==> flow/design.v <==
module sync_mag_cmp_n #(
    parameter DATA_WIDTH = 40
) (
    input  sys_clk,
    input  [DATA_WIDTH-1:0] A,
    input  [DATA_WIDTH-1:0] B,
    output gt,
    output eq
);
    reg [DATA_WIDTH-1:0] A_reg;
    always @(posedge sys_clk)
        A_reg <= A;
    reg [DATA_WIDTH-1:0] B_reg;
    always @(posedge sys_clk)
        B_reg <= B;
    localparam GROUPS = DATA_WIDTH / 4;
    wire [GROUPS:0] g;
    wire [GROUPS:0] e;
    assign g[0] = 1'b0;
    assign e[0] = 1'b1;
    genvar i;
    generate
        for (i = 0; i < GROUPS; i = i + 1) begin : row
            sync_mag_cmp_n_nib_cmp i_sub (.a(A_reg[4*i +: 4]), .b(B_reg[4*i +: 4]), .gi(g[i]), .ei(e[i]), .go(g[i+1]), .eo(e[i+1]));
        end
    endgenerate
    assign gt = g[GROUPS];
    assign eq = e[GROUPS];
endmodule
module sync_mag_cmp_n_nib_cmp (
    input wire [3:0] a,
    input wire [3:0] b,
    input wire gi,
    input wire ei,
    output wire go,
    output wire eo
);
    assign go = (a > b) | ((a == b) & gi);
    assign eo = (a == b) & ei;
endmodule
From RTL to reports: sync_mag_cmp_n
Tool output for the members of one design family, told apart by "DATA_WIDTH", in the order of the flow.
The RTL above is that of DATA_WIDTH = 40; lines are counted from 1 in the file of the member named.
Library cell names are shortened.
{"block": "design", "top": "sync_mag_cmp_n", "clock": "sys_clk", "lib": "sky130hd", "corner": "tt_025C_1v80"}

Source of the members
New or changed lines of each further member against the RTL above, in its own file; lines it lacks are not shown.
{"block": "changed_lines", "DATA_WIDTH": 56, "line_no": 2, "source": "parameter DATA_WIDTH = 56"}
{"block": "changed_lines", "DATA_WIDTH": 72, "line_no": 2, "source": "parameter DATA_WIDTH = 72"}
{"block": "changed_lines", "DATA_WIDTH": 96, "line_no": 2, "source": "parameter DATA_WIDTH = 96"}
{"block": "changed_lines", "DATA_WIDTH": 112, "line_no": 2, "source": "parameter DATA_WIDTH = 112"}

Word level
Source: Yosys, flattened and elaborated, memories not mapped. Widths are those after wreduce; folded enables and synchronous resets count as part of the registers. Registers that Yosys merges into a memory's read port (data or address) are not register bits. Print and check cells do not count. Equal cells are merged and count once.
{"block": "op_classes", "DATA_WIDTH": 40, "cmp": 10, "n_eq": 10, "logic": 27}
{"block": "op_classes", "DATA_WIDTH": 56, "cmp": 14, "n_eq": 14, "logic": 39}
{"block": "op_classes", "DATA_WIDTH": 72, "cmp": 18, "n_eq": 18, "logic": 51}
{"block": "op_classes", "DATA_WIDTH": 96, "cmp": 24, "n_eq": 24, "logic": 69}
{"block": "op_classes", "DATA_WIDTH": 112, "cmp": 28, "n_eq": 28, "logic": 81}
{"block": "ops", "DATA_WIDTH": 40, "operators": "10 x 4-bit greater-than comparator; 10 x 4-bit equality test; 18 x 1-bit bitwise AND; 9 x 1-bit OR"}
{"block": "ops", "DATA_WIDTH": 56, "operators": "14 x 4-bit greater-than comparator; 14 x 4-bit equality test; 26 x 1-bit bitwise AND; 13 x 1-bit OR"}
{"block": "ops", "DATA_WIDTH": 72, "operators": "18 x 4-bit greater-than comparator; 18 x 4-bit equality test; 34 x 1-bit bitwise AND; 17 x 1-bit OR"}
{"block": "ops", "DATA_WIDTH": 96, "operators": "24 x 4-bit greater-than comparator; 24 x 4-bit equality test; 46 x 1-bit bitwise AND; 23 x 1-bit OR"}
{"block": "ops", "DATA_WIDTH": 112, "operators": "28 x 4-bit greater-than comparator; 28 x 4-bit equality test; 54 x 1-bit bitwise AND; 27 x 1-bit OR"}
{"block": "word_totals", "DATA_WIDTH": 40, "ff_bits": 80, "output_inout_bits": 2, "inputBits": 81, "elab_cells": 49}
{"block": "word_totals", "DATA_WIDTH": 56, "ff_bits": 112, "output_inout_bits": 2, "inputBits": 113, "elab_cells": 69}
{"block": "word_totals", "DATA_WIDTH": 72, "ff_bits": 144, "output_inout_bits": 2, "inputBits": 145, "elab_cells": 89}
{"block": "word_totals", "DATA_WIDTH": 96, "ff_bits": 192, "output_inout_bits": 2, "inputBits": 193, "elab_cells": 119}
{"block": "word_totals", "DATA_WIDTH": 112, "ff_bits": 224, "output_inout_bits": 2, "inputBits": 225, "elab_cells": 139}

Logic depth
Yosys ltp: most cells in a row. Word level: on the elaborated netlist, between registers, memories and ports. Mapped: between sequential cells and ports; inverters and the memories' decode and read muxes count.
{"block": "depth", "DATA_WIDTH": 40, "ltp_word": 19, "ABC_AREA": 0, "mapped_depth": 7}
{"block": "depth", "DATA_WIDTH": 56, "ltp_word": 27, "ABC_AREA": 0, "mapped_depth": 8}
{"block": "depth", "DATA_WIDTH": 72, "ltp_word": 35, "ABC_AREA": 0, "mapped_depth": 8}
{"block": "depth", "DATA_WIDTH": 96, "ltp_word": 47, "ABC_AREA": 0, "mapped_depth": 9}
{"block": "depth", "DATA_WIDTH": 112, "ltp_word": 55, "ABC_AREA": 0, "mapped_depth": 10}

Synthesis result
Yosys stat after the flow's synthesis: flattened, memories mapped to cells. It holds for the ABC_AREA given above (unset counts as 0); a run with the other value may have another netlist.
{"block": "synth_totals", "DATA_WIDTH": 40, "seq_area_um2": 1601.5, "n_buf": 0, "yosys_area_um2": 2670.1, "ffs": 80, "stdcells": 227}
{"block": "synth_totals", "DATA_WIDTH": 56, "seq_area_um2": 2242.2, "n_buf": 0, "yosys_area_um2": 3776.1, "ffs": 112, "stdcells": 323}
{"block": "synth_totals", "DATA_WIDTH": 72, "seq_area_um2": 2882.8, "n_buf": 0, "yosys_area_um2": 4875.9, "ffs": 144, "stdcells": 415}
{"block": "synth_totals", "DATA_WIDTH": 96, "seq_area_um2": 3843.7, "n_buf": 0, "yosys_area_um2": 6466.2, "ffs": 192, "stdcells": 557}
{"block": "synth_totals", "DATA_WIDTH": 112, "seq_area_um2": 4484.3, "n_buf": 0, "yosys_area_um2": 7523.5, "ffs": 224, "stdcells": 647}
{"block": "types", "DATA_WIDTH": 40, "type_list": "80 x dfxtp_1; 40 x ha_1; 42 x inv_1; 11 x a21oi_1; 8 x nand4_1; 8 x o21ai_0; 5 x nor2b_1; 4 x o211ai_1; 3 x a211oi_1; 4 x nand3_1; 3 x nand2b_1; 1 x a2111oi_2; 2 x a31oi_1; 1 x nor4_2; 1 x a21boi_2; 3 x nand2_1; 1 x or3_4; 2 x nor3_1; (+8)"}
{"block": "types", "DATA_WIDTH": 56, "type_list": "112 x dfxtp_1; 56 x ha_1; 61 x inv_1; 12 x nand4_1; 14 x a21oi_1; 7 x nor2b_1; 6 x nand2b_1; 8 x nor2_1; 4 x o211ai_1; 4 x o21a_1; 6 x o21ai_0; 1 x a2111oi_4; 2 x o2111ai_1; 2 x a211oi_1; 2 x a21o_1; 4 x nand2_1; 1 x nor4b_2; 3 x o21ai_1; (+18)"}
{"block": "types", "DATA_WIDTH": 72, "type_list": "144 x dfxtp_1; 72 x ha_1; 80 x inv_1; 17 x nand4_1; 17 x a21oi_1; 7 x a21o_1; 6 x nand2b_1; 6 x nor2b_1; 7 x nor3_1; 7 x o21ai_0; 2 x a2111oi_2; 1 x a2111oi_4; 7 x nand2_1; 3 x o2111ai_1; 2 x a2111o_1; 3 x a211oi_1; 6 x nor2_1; 3 x o21a_1; (+25)"}
{"block": "types", "DATA_WIDTH": 96, "type_list": "192 x dfxtp_1; 96 x ha_1; 105 x inv_1; 19 x nand4_1; 22 x a21oi_1; 10 x a21o_1; 12 x nor2b_1; 10 x nand2b_1; 12 x nand3_1; 8 x o21a_1; 12 x o21ai_0; 7 x and3_1; 5 x o211ai_1; 4 x a221oi_1; 3 x and4_1; 4 x nor4_1; 3 x a211oi_1; 6 x nand2_1; (+27)"}
{"block": "types", "DATA_WIDTH": 112, "type_list": "224 x dfxtp_1; 112 x ha_1; 124 x inv_1; 28 x nand4_1; 28 x a21oi_1; 16 x a21o_1; 11 x o21a_1; 10 x nor2b_1; 7 x o2111ai_1; 12 x o21ai_0; 9 x nand3_1; 11 x nand2_1; 6 x nand2b_1; 5 x a31oi_1; 4 x o211ai_1; 7 x nor2_1; 5 x nor3_1; 4 x nor4_1; (+24)"}
The mark (+n) counts cells that are not listed.
By module: a second synthesis without flattening, with its own total; a netlist apart from the flattened one above.
{"block": "hier_totals", "DATA_WIDTH": 40, "cells_unflattened": 242, "area_unflattened_um2": 2685.1}
{"block": "hier_totals", "DATA_WIDTH": 56, "cells_unflattened": 338, "area_unflattened_um2": 3756.1}
{"block": "hier_totals", "DATA_WIDTH": 72, "cells_unflattened": 434, "area_unflattened_um2": 4827.1}
{"block": "hier_totals", "DATA_WIDTH": 96, "cells_unflattened": 578, "area_unflattened_um2": 6433.7}
{"block": "hier_totals", "DATA_WIDTH": 112, "cells_unflattened": 674, "area_unflattened_um2": 7504.7}

Path before layout
Path of least setup slack by OpenSTA after synthesis, without wires, with an ideal clock, recovery checks aside; 20% of the period is set as input and as output delay. Where synthesis merged equal registers, the netlist keeps one of their names.
{"block": "synth_timing", "DATA_WIDTH": 40, "kind": "reg-to-output", "start": "reg B_reg[27]", "end": "out eq", "clock_period_ns": 2.52, "slack_ns": 0.403, "path_stages": 6, "path_delay_ns": 1.613, "synth_period_reached_ns": 2.117}
{"block": "synth_timing", "DATA_WIDTH": 56, "kind": "reg-to-output", "start": "reg B_reg[35]", "end": "out eq", "clock_period_ns": 2.47, "slack_ns": 0.398, "path_stages": 8, "path_delay_ns": 1.578, "synth_period_reached_ns": 2.072}
{"block": "synth_timing", "DATA_WIDTH": 72, "kind": "reg-to-output", "start": "reg A_reg[16]", "end": "out gt", "clock_period_ns": 2.91, "slack_ns": 0.463, "path_stages": 9, "path_delay_ns": 1.865, "synth_period_reached_ns": 2.447}
{"block": "synth_timing", "DATA_WIDTH": 96, "kind": "reg-to-output", "start": "reg B_reg[51]", "end": "out gt", "clock_period_ns": 2.95, "slack_ns": 0.471, "path_stages": 10, "path_delay_ns": 1.889, "synth_period_reached_ns": 2.479}
{"block": "synth_timing", "DATA_WIDTH": 112, "kind": "reg-to-output", "start": "reg B_reg[42]", "end": "out gt", "clock_period_ns": 2.81, "slack_ns": 0.449, "path_stages": 11, "path_delay_ns": 1.799, "synth_period_reached_ns": 2.361}
"path_delay_ns" is the arrival time less input delay plus setup time.
A path that ends at an output port has no setup time.
"path_stages": output pins that drive a net of the path, with the launching flip-flop's if there is one; two outputs of one cell count as two.
"synth_period_reached_ns" = period - worst setup slack (recovery checks aside). The figure is calculated, with input and output delays left at 20% of the set period.
Between the ends stands the longest chain of elaborated cells between them, by number of cells; it is not shown to be the way that was timed. Of several equally long chains one is given.
Each line given opens the expression or statement behind the cell; cells for indexed reads and writes are added by Yosys, which also makes memories of some case tables.
{"block": "synth_between_DATA_WIDTH_40", "elab_chain_len": 5}
{"block": "synth_rtl_DATA_WIDTH_40", "element": "start, declared", "line_no": 13, "source": "reg [DATA_WIDTH-1:0] B_reg;"}
{"block": "synth_rtl_DATA_WIDTH_40", "element": "start, assigned", "line_no": 15, "source": "B_reg <= B;"}
{"block": "synth_rtl_DATA_WIDTH_40", "element": "4-bit equality test", "line_no": 39, "source": "assign eo = (a == b) & ei;"}
{"block": "synth_rtl_DATA_WIDTH_40", "element": "1-bit bitwise AND (4 in a row)", "line_no": 39}
{"block": "synth_rtl_DATA_WIDTH_40", "element": "end, declared", "line_no": 8, "source": "output eq"}
{"block": "synth_between_DATA_WIDTH_112", "elab_chain_len": 37}
{"block": "synth_rtl_DATA_WIDTH_112", "element": "start, declared", "line_no": 13, "source": "reg [DATA_WIDTH-1:0] B_reg;"}
{"block": "synth_rtl_DATA_WIDTH_112", "element": "start, assigned", "line_no": 15, "source": "B_reg <= B;"}
{"block": "synth_rtl_DATA_WIDTH_112", "element": "4-bit equality test", "line_no": 38, "source": "assign go = (a > b) | ((a == b) & gi);"}
{"block": "synth_rtl_DATA_WIDTH_112", "element": "1-bit bitwise AND", "line_no": 38}
{"block": "synth_rtl_DATA_WIDTH_112", "element": "1-bit OR", "line_no": 38}
{"block": "synth_rtl_DATA_WIDTH_112", "element": "1-bit bitwise AND", "line_no": 38}
{"block": "synth_rtl_DATA_WIDTH_112", "element": "1-bit OR", "line_no": 38}
{"block": "synth_rtl_DATA_WIDTH_112", "element": "1-bit bitwise AND", "line_no": 38}
{"block": "synth_rtl_DATA_WIDTH_112", "element": "1-bit OR", "line_no": 38}
{"block": "synth_rtl_DATA_WIDTH_112", "element": "[... 23 more ...]"}
{"block": "synth_rtl_DATA_WIDTH_112", "element": "1-bit OR", "line_no": 38}
{"block": "synth_rtl_DATA_WIDTH_112", "element": "1-bit bitwise AND", "line_no": 38}
{"block": "synth_rtl_DATA_WIDTH_112", "element": "1-bit OR", "line_no": 38}
{"block": "synth_rtl_DATA_WIDTH_112", "element": "1-bit bitwise AND", "line_no": 38}
{"block": "synth_rtl_DATA_WIDTH_112", "element": "1-bit OR", "line_no": 38}
{"block": "synth_rtl_DATA_WIDTH_112", "element": "1-bit bitwise AND", "line_no": 38}
{"block": "synth_rtl_DATA_WIDTH_112", "element": "1-bit OR", "line_no": 38}
{"block": "synth_rtl_DATA_WIDTH_112", "element": "end, declared", "line_no": 7, "source": "output gt,"}

Path in the finished layout
Path of least setup slack in the final report of each member's run (OpenROAD, finished layout, wires in). Where an end is a register, its clock arrival counts in the times.
{"block": "layout_timing", "DATA_WIDTH": 40, "kind": "reg-to-output", "start": "reg B_reg[2]", "end": "out eq", "path_stages": 7, "clock_period_ns": 2.52, "path_buffers": 1, "slack_ns": -0.07, "arrival_ns": 2.08}
{"block": "layout_timing", "DATA_WIDTH": 56, "kind": "reg-to-output", "start": "reg A_reg[49]", "end": "out gt", "path_stages": 9, "clock_period_ns": 2.47, "path_buffers": 2, "slack_ns": -0.17, "arrival_ns": 2.15}
{"block": "layout_timing", "DATA_WIDTH": 72, "kind": "reg-to-output", "start": "reg B_reg[1]", "end": "out gt", "path_stages": 10, "clock_period_ns": 2.91, "path_buffers": 1, "slack_ns": -0.08, "arrival_ns": 2.40}
{"block": "layout_timing", "DATA_WIDTH": 96, "kind": "reg-to-output", "start": "reg B_reg[41]", "end": "out gt", "path_stages": 11, "clock_period_ns": 2.95, "path_buffers": 1, "slack_ns": -0.22, "arrival_ns": 2.58}
{"block": "layout_timing", "DATA_WIDTH": 112, "kind": "reg-to-output", "start": "reg B_reg[46]", "end": "out gt", "path_stages": 12, "clock_period_ns": 2.81, "path_buffers": 1, "slack_ns": -0.35, "arrival_ns": 2.60}

Measured runs
Settings and results of one run of the flow (Yosys, OpenROAD) for each member follow. The constraints put input and output delay at 20% of the set period each and load the outputs with 0.01 pF.
{"block": "flow_settings", "CAP_MARGIN": 20, "CORE_MARGIN": 2, "CORE_UTILIZATION": 40, "SLEW_MARGIN": 20}
{"block": "settings_diff", "DATA_WIDTH": 40, "period_ns": 2.52}
{"block": "settings_diff", "DATA_WIDTH": 56, "period_ns": 2.47}
{"block": "settings_diff", "DATA_WIDTH": 72, "period_ns": 2.91}
{"block": "settings_diff", "DATA_WIDTH": 96, "period_ns": 2.95}
{"block": "settings_diff", "DATA_WIDTH": 112, "period_ns": 2.81}
{"block": "results", "DATA_WIDTH": 40, "totalPower_uw": 2693, "ws_setup_ns": -0.069, "fin_hold_ws_ns": 0.590, "synthesis_area_um2": 2670.1, "achieved_period_ns": 2.589, "final_util_pct": 65.2, "tns_ns": -0.069, "layout_stdcell_area_um2": 4162.7, "dieArea_um2": 7344.5}
{"block": "results", "DATA_WIDTH": 56, "totalPower_uw": 3406, "ws_setup_ns": -0.170, "fin_hold_ws_ns": 0.555, "synthesis_area_um2": 3776.1, "achieved_period_ns": 2.640, "final_util_pct": 60.7, "tns_ns": -0.170, "layout_stdcell_area_um2": 5584.1, "dieArea_um2": 10233.3}
{"block": "results", "DATA_WIDTH": 72, "totalPower_uw": 4746, "ws_setup_ns": -0.076, "fin_hold_ws_ns": 0.603, "synthesis_area_um2": 4875.9, "achieved_period_ns": 2.986, "final_util_pct": 62.4, "tns_ns": -0.076, "layout_stdcell_area_um2": 7459.6, "dieArea_um2": 13088.5}
{"block": "results", "DATA_WIDTH": 96, "totalPower_uw": 5650, "ws_setup_ns": -0.222, "fin_hold_ws_ns": 0.601, "synthesis_area_um2": 6466.2, "achieved_period_ns": 3.172, "final_util_pct": 61.8, "tns_ns": -0.275, "layout_stdcell_area_um2": 9778.1, "dieArea_um2": 17199.0}
{"block": "results", "DATA_WIDTH": 112, "totalPower_uw": 7582, "ws_setup_ns": -0.353, "fin_hold_ws_ns": 0.481, "synthesis_area_um2": 7523.5, "achieved_period_ns": 3.163, "final_util_pct": 61.8, "tns_ns": -0.454, "layout_stdcell_area_um2": 11478.5, "dieArea_um2": 19921.9}
By "achieved_period_ns" is meant the clock period of the run minus its worst setup slack. This is arithmetic on one report: input and output delays are still those of the set period (20% each).
"totalPower_uw" rests on the timing tool's default activity at the inputs, not on a simulated workload.
